==> flow/design.v <==
module alu_switch_v2 #(
  parameter int DWIDTH = 32,
  parameter int NIN = 2,
  parameter int SW = $clog2(NIN)
) (
  input logic ck,
  input logic rst_n,
  input logic [NIN*DWIDTH-1:0] ch,
  input logic [SW-1:0] sel,
  output logic [DWIDTH-1:0] z_o
);
  logic [NIN*DWIDTH-1:0] r_ch;
  always_ff @(posedge ck) begin
    if (!rst_n) begin
      r_ch <= 0;
    end else begin
      r_ch <= ch;
    end
  end
  logic [SW-1:0] r_sel;
  always_ff @(posedge ck) begin
    if (!rst_n) begin
      r_sel <= 0;
    end else begin
      r_sel <= sel;
    end
  end
  wire [DWIDTH-1:0] n_ [1:2*NIN-1];
  for (genvar ii = 0; ii < NIN; ii++) begin : g_bit
    assign n_[NIN+ii] = r_ch[ii*DWIDTH +: DWIDTH];
  end
  for (genvar ii = 1; ii < NIN; ii++) begin : slice
    assign n_[ii] = r_sel[SW - $clog2(ii+1)] ? n_[2*ii+1] : n_[2*ii];
  end
  assign z_o = n_[1];
endmodule
# Step by step through the tools: alu_switch_v2
# What the tools print for alu_switch_v2, step after step.
# Lines are those of the file above, counted from 1.
# Operators: Yosys type, input widths -> output width; for muxes data width and select width s.
# Cell names lack the library's common part.
# Not given: -
dict set report design {
  top {alu_switch_v2}
  clock_port {ck}
  cell_library {sky130hd}
  corner {tt_025C_1v80}
}

# Word level
# Counts by Yosys on the flattened word-level netlist (proc, flatten, opt, wreduce). Print and check cells are left out. Cells with the same type and inputs are merged into one.
dict set report op_classes {
  mux 1
}
# cell count
set op_table {}
lappend op_table {{$mux 32} 1}
dict set report word_totals {
  reg_bits 65
  out_inout_bits 32
  elab_cells 3
  in_bits 67
}

# Longest topological paths
# Yosys ltp: most cells in a row. Word level: on the elaborated netlist, between registers, memories and ports. Mapped: between sequential cells and ports; inverters and the memories' decode and read muxes count.
dict set report depth {
  word_depth 1
  abc_area 0
  depth_mapped 3
  ltp_nobuf 1
}

# Netlist
# Source: synth_stat.txt of the flow (Yosys; design flattened, memories mapped). It holds for the ABC_AREA given above (unset counts as 0); a run with the other value may have another netlist.
# cell count area_total_um2
set by_type {}
lappend by_type {dfxtp_1 65 1.3E+03}
lappend by_type {mux2_4 30 450.432}
lappend by_type {and2_1 65 406.64}
lappend by_type {buf_12 3 60.058}
lappend by_type {clkbuf_2 5 25.024}
lappend by_type {mux2_2 2 22.522}
lappend by_type {buf_6 1 11.261}
lappend by_type {buf_2 1 5.005}
lappend by_type {clkbuf_1 1 3.754}
dict set report mapped {
  seq_area_um2 1301.2
  synth_area_um2 2285.9
  mapped_cells 173
  buf_cells 11
  ff_cells 65
}

# Path before layout
# OpenSTA on the mapped netlist: ideal clock, no wires. The path of least setup slack (recovery checks aside). Input and output delay are each 20% of the period. Register names are those of the netlist, which keeps one name where synthesis merged equal registers.
dict set report synth_timing {
  path_type {register to output}
  startpoint {register r_sel}
  endpoint {output port z_o[0]}
  out_delay_ps 276
  t_first_pin_ps 0
  setup_slack_ps 220
  path_delay_ps 884
  clock_period_ps 1380
  required_time_ps 1104
  t_arrival_ps 884
  n_path_buf 2
  stages 4
  period_less_setup_slack_ps 1160
}
# "path_delay_ps" = arrival - input delay + setup time.
# At an output port there is no setup time.
# "stages" counts driving pins, that of a launching flip-flop among them; a cell with two outputs on the path counts twice.
# "period_less_setup_slack_ps" is the clock period less the worst setup slack; recovery checks do not enter. This is arithmetic on one report: input and output delays are still those of the set period (20% each).
# Between the ends stands the longest chain of elaborated cells between them, by number of cells; it is not shown to be the way that was timed. Of several equally long chains one is given.
# Each line given opens the expression or statement behind the cell; cells for indexed reads and writes are added by Yosys, which also makes memories of some case tables.
dict set report synth_via {
  cell_sequence {dfxtp_1 -> buf_6 -> buf_12 -> mux2_4}
  elab_chain_cells 1
  cone_cells 1
  lines_between 1
  cone_classes {mux: 1}
}
# item line_no
set synth_lines {}
lappend synth_lines {{start, declared} 20} ;# logic [SW-1:0] r_sel;
lappend synth_lines {{start, assigned} 23} ;# r_sel <= 0;
lappend synth_lines {{start, assigned} 25} ;# r_sel <= sel;
lappend synth_lines {{$mux 32} 33} ;# assign n_[ii] = r_sel[SW - $clog2(ii+1)] ? n_[2*ii+1] : n_[2*ii];
lappend synth_lines {{end, declared} 10} ;# output logic [DWIDTH-1:0] z_o

# Timing after layout
# From the final timing report of entry A: the path of least setup slack in the routed layout; clock arrival at registers is part of the times.
# The path's times are printed in steps of 10 ps; the period is the one set.
dict set report layout_timing {
  path_type {register to output}
  startpoint {register r_sel}
  endpoint {output port z_o[9]}
  out_delay_ps 190
  t_first_pin_ps 320
  setup_slack_ps -750
  stages 6
  required_time_ps 740
  n_path_buf 4
  clock_period_ps 931
  t_arrival_ps 1490
}
# Between the ends stands the longest chain of elaborated cells between them, by number of cells; it is not shown to be the way that was timed. Of several equally long chains one is given.
dict set report layout_via {
  cell_sequence {dfxtp_4 -> buf_12 -> buf_12 -> buf_16 -> mux2_4 -> buf_6}
  elab_chain_cells 1
  cone_cells 1
  lines_between 1
  cone_classes {mux: 1}
}
# item line_no
set layout_lines {}
lappend layout_lines {{start, declared} 20} ;# logic [SW-1:0] r_sel;
lappend layout_lines {{start, assigned} 23} ;# r_sel <= 0;
lappend layout_lines {{start, assigned} 25} ;# r_sel <= sel;
lappend layout_lines {{$mux 32} 33} ;# assign n_[ii] = r_sel[SW - $clog2(ii+1)] ? n_[2*ii+1] : n_[2*ii];
lappend layout_lines {{end, declared} 10} ;# output logic [DWIDTH-1:0] z_o

# 3 stored runs of alu_switch_v2 in the flow (synthesis by Yosys, layout by OpenROAD, sky130hd cells), in arbitrary order. Constraints: input delay and output delay 20% of the set period each, output load 0.01 pF.
# "achievedPeriod_ps" means the clock period less the worst setup slack. The figure is calculated, with input and output delays left at 20% of the set period.
# By "totalPower_w" is meant OpenSTA's value without simulated activity: inputs other than the clock are taken to toggle once in ten clock periods, and the tool carries that through the logic.
run="entry A" settings period_ns=0.931 CORE_UTILIZATION=17 SETUP_SLACK_MARGIN=0.12 CORE_MARGIN=5 CELL_PAD_IN_SITES_DETAIL_PLACEMENT=2 TNS_END_PERCENT=30 GPL_TIMING_DRIVEN=1 GPL_ROUTABILITY_DRIVEN=1 CTS_CLUSTER_SIZE=37 CTS_CLUSTER_DIAMETER=302 MIN_ROUTING_LAYER="met1" CAP_MARGIN=20 SLEW_MARGIN=20
run="entry A" results util_frac=0.299 achievedPeriod_ps=1677 synth_chip_area_um2=2285.9 final_setup_ws_ps=-746 final_die_area_um2=15865.9 totalPower_w=0.007091
run="entry B" settings period_ns=0.965 CORE_UTILIZATION=24 SETUP_SLACK_MARGIN=-0.09 PLACE_DENSITY_LB_ADDON=0.27 CELL_PAD_IN_SITES_DETAIL_PLACEMENT=1 CTS_CLUSTER_SIZE=84 CTS_CLUSTER_DIAMETER=170 CAP_MARGIN=20 CORE_MARGIN=2 SLEW_MARGIN=20
run="entry B" results util_frac=0.405 achievedPeriod_ps=1579 synth_chip_area_um2=2285.9 final_setup_ws_ps=-614 final_die_area_um2=10321.5 totalPower_w=0.006737
run="entry C" settings period_ns=1.38 CAP_MARGIN=20 CORE_MARGIN=2 CORE_UTILIZATION=40 SLEW_MARGIN=20
run="entry C" results util_frac=0.661 achievedPeriod_ps=1667 synth_chip_area_um2=2285.9 final_setup_ws_ps=-287 final_die_area_um2=6335.4 totalPower_w=0.004403
